==> flow/design.v <==
module core_times_blk #(
  parameter DATA_W = 11
) (
  input logic core_clk,
  input logic i_rst_n,
  input logic clk_en,
  input logic signed [DATA_W-1:0] a,
  input logic signed [DATA_W-1:0] b,
  output logic signed [2*DATA_W-1:0] out
);
  logic signed [2*DATA_W-1:0] out_ff;
  assign out = out_ff;
  always_ff @(posedge core_clk or negedge i_rst_n) begin
    if (~i_rst_n) begin
      out_ff <= '0;
    end else if (clk_en) begin
      out_ff <= a * b;
    end
  end
endmodule
# == Tool chain data of core_times_blk ==
# The steps from the RTL of core_times_blk to its reports follow in flow order.
# Lines are those of the file above, counted from 1.
# Cell names lack the library's common part.
# Not given: -
# inputs
design,core_times_blk
clock_port,core_clk
cell_library,sky130hd
lib_corner,tt_025C_1v80

# == Elaborated design ==
# Counts by Yosys on the flattened word-level netlist (proc, flatten, opt, wreduce; memories kept). Register bits leave out memories and registers merged into their read ports (data or address); mux counts leave out enables and synchronous resets folded into registers. Print and check cells are left out. Cells with the same type and inputs are merged into one.
# bits
ff_bits,22
inputBits,25
out_inout_bits,22
elab_cells,2
# classes
n_mul,1
# ops
operator,count
multiplier 11 x 11 -> 22 bit,1

# == Longest topological paths ==
# Longest topological path by Yosys (ltp), each cell counted once; first at word level (registers and memories cut), then after technology mapping (sequential cells cut; the memories' decode and read muxes count).
# depth
depth_word,1
abc_area,0
ltp_mapped,21
depth_no_buf,19

# == Netlist ==
# Source: synth_stat.txt of the flow (Yosys; design flattened, memories mapped). It holds for the ABC_AREA given above (unset counts as 0); a run with the other value may have another netlist.
# The area totals of this step are shown rounded.
# mapped
cells,608
mapped_area_um2,5620
seqArea_um2,551
ffs,22
buffers,26
# by_type
cell_type,count,area_total_um2
fa_1,117,2.34E+03
inv_1,161,604.33
ha_1,47,588.064
dfrtp_1,22,550.528
and2_1,48,300.288
nand2_1,66,247.738
mux2_2,14,157.651
xnor2_1,17,148.893
clkbuf_1,22,82.579
a21oi_1,15,75.072
nor2_1,12,45.043
a21o_1,5,37.536
nand2b_1,6,37.536
o21ai_0,7,35.034
o211ai_1,4,30.029
o21a_1,4,30.029
a2111oi_4,1,27.526
nor3b_1,3,22.522
# Other cell types: 24; their cells: 37.

# == Timing after synthesis ==
# OpenSTA on the mapped netlist: ideal clock, no wires. The path of least setup slack (recovery checks aside). Input and output delay are each 20% of the period. Register names are those of the netlist, which keeps one name where synthesis merged equal registers.
# synth_path
path_kind,input to register
start,input port b[2]
end,register out_ff[20]
clock_period_ns,7.27
input_delay_ns,1.454
setup_time_ns,0.069
launch_ns,1.454
arrival_time_ns,6.036
t_required_ns,7.201
setup_slack_ns,1.165
delay_ns,4.651
path_stages,16
n_path_buf,1
period_less_setup_slack_ns,6.105
# "delay_ns" = arrival - input delay + setup time.
# "path_stages": output pins that drive a net of the path, with the launching flip-flop's if there is one; two outputs of one cell count as two.
# "period_less_setup_slack_ns" is the clock period less the worst setup slack; recovery checks do not enter. This is arithmetic on one report: input and output delays are still those of the set period (20% each).
# Between the ends stands the longest chain of elaborated cells between them, by number of cells; it is not shown to be the way that was timed. Of several equally long chains one is given.
# A line is the first line of the expression or statement that the cell stems from. Yosys adds cells for indexed reads and writes and turns some case tables into memories.
# synth_between
path_cell_list,clkbuf_1 > nand2_1 > fa_1 > inv_1 > fa_1 > fa_1 > fa_1 > inv_1 > fa_1 > inv_1 > ha_1 > nand3_1 > a2111oi_4 > nor2_2 > or4_1 > nand3_1
elab_chain_len,1
cone_cells,1
cone_lines,1
cone_classes,mul (1)
# synth_lines
item,line_no,source
"start, declared",8,"input logic signed [DATA_W-1:0] b,"
multiplier 11 x 11 -> 22 bit,17,out_ff <= a * b;
"end, assigned",15,out_ff <= '0;
"end, assigned",17,
"end, declared",11,logic signed [2*DATA_W-1:0] out_ff;

# == Path in the finished layout ==
# Path of least setup slack in the final report of entry A (OpenROAD, finished layout, wires in). Where an end is a register, its clock arrival counts in the times.
# layout_path
path_kind,input to register
start,input port a[4]
end,register out_ff[18]
clock_period_ns,3.64
input_delay_ns,0.73
setup_time_ns,0.09
launch_ns,0.73
arrival_time_ns,5.34
t_required_ns,3.81
setup_slack_ns,-1.54
path_stages,19
n_path_buf,2
# Between the ends stands the longest chain of elaborated cells between them, by number of cells; it is not shown to be the way that was timed. Of several equally long chains one is given.
# layout_between
path_cell_list,buf_8 > buf_12 > and2_4 > fa_1 > inv_1 > fa_1 > inv_2 > fa_1 > fa_1 > inv_1 > fa_1 > inv_2 > ha_4 > a21o_1 > nor2_2 > a2111oi_4 > o211ai_1 > and3_1 > o31ai_2
elab_chain_len,1
cone_cells,1
cone_lines,1
cone_classes,mul (1)
# layout_lines
item,line_no,source
"start, declared",7,"input logic signed [DATA_W-1:0] a,"
multiplier 11 x 11 -> 22 bit,17,out_ff <= a * b;
"end, assigned",15,out_ff <= '0;
"end, assigned",17,
"end, declared",11,logic signed [2*DATA_W-1:0] out_ff;

# Settings and measured results of 3 stored flow runs for module core_times_blk (sky130hd), not sorted in any way. The constraints put input and output delay at 20% of the set period each and load the outputs with 0.01 pF.
# "achievedPeriod_ns" means the clock period less the worst setup slack. The figure is calculated, with input and output delays left at 20% of the set period.
# "worst_path_allowed_less_slack_ns" = time allowed to the worst setup path (clock period - input delay - output delay, where it has them) - its slack; a late launch clock adds to it, a late capture clock takes from it.
# "fin_power_uw": no workload was simulated; the value follows from the tool's default switching activity.
# The results are shown rounded.
# Settings: n/a = not set for that run.
# Among the results, n/a means that no value is shown for the run.
stored run,period_ns,CORE_UTILIZATION,PLACE_DENSITY,ABC_AREA,GPL_TIMING_DRIVEN,CTS_CLUSTER_SIZE,MIN_ROUTING_LAYER,MAX_ROUTING_LAYER,CAP_MARGIN,CORE_MARGIN,SLEW_MARGIN,SETUP_SLACK_MARGIN,PLACE_DENSITY_LB_ADDON,CELL_PAD_IN_SITES_GLOBAL_PLACEMENT,CELL_PAD_IN_SITES_DETAIL_PLACEMENT,synthesis_area_um2,total_die_area_um2,stdcell_area_um2,post_route_util_frac,worst_setup_slack_ns,tns_ns,fin_power_uw,achievedPeriod_ns,worst_path_allowed_less_slack_ns,worstPathKind
entry A,3.64,59,0.37,0,1,79,met2,met4,20,2,20,n/a,n/a,n/a,n/a,5620,10300,7680,0.831,-1.54,-19.5,8350,5.177,4.45,input to register
entry B,4.82,52,n/a,n/a,n/a,n/a,met1,met5,0,10,20,0.25,0.11,3,0,n/a,n/a,n/a,n/a,n/a,n/a,n/a,n/a,n/a,n/a
entry C,7.27,40,n/a,n/a,n/a,n/a,n/a,n/a,20,2,20,n/a,n/a,n/a,n/a,5620,15000,6290,0.455,0.558,0.000,2800,6.712,5.26,input to register
# Entry B: unfinished; error FLW-0024 in placement
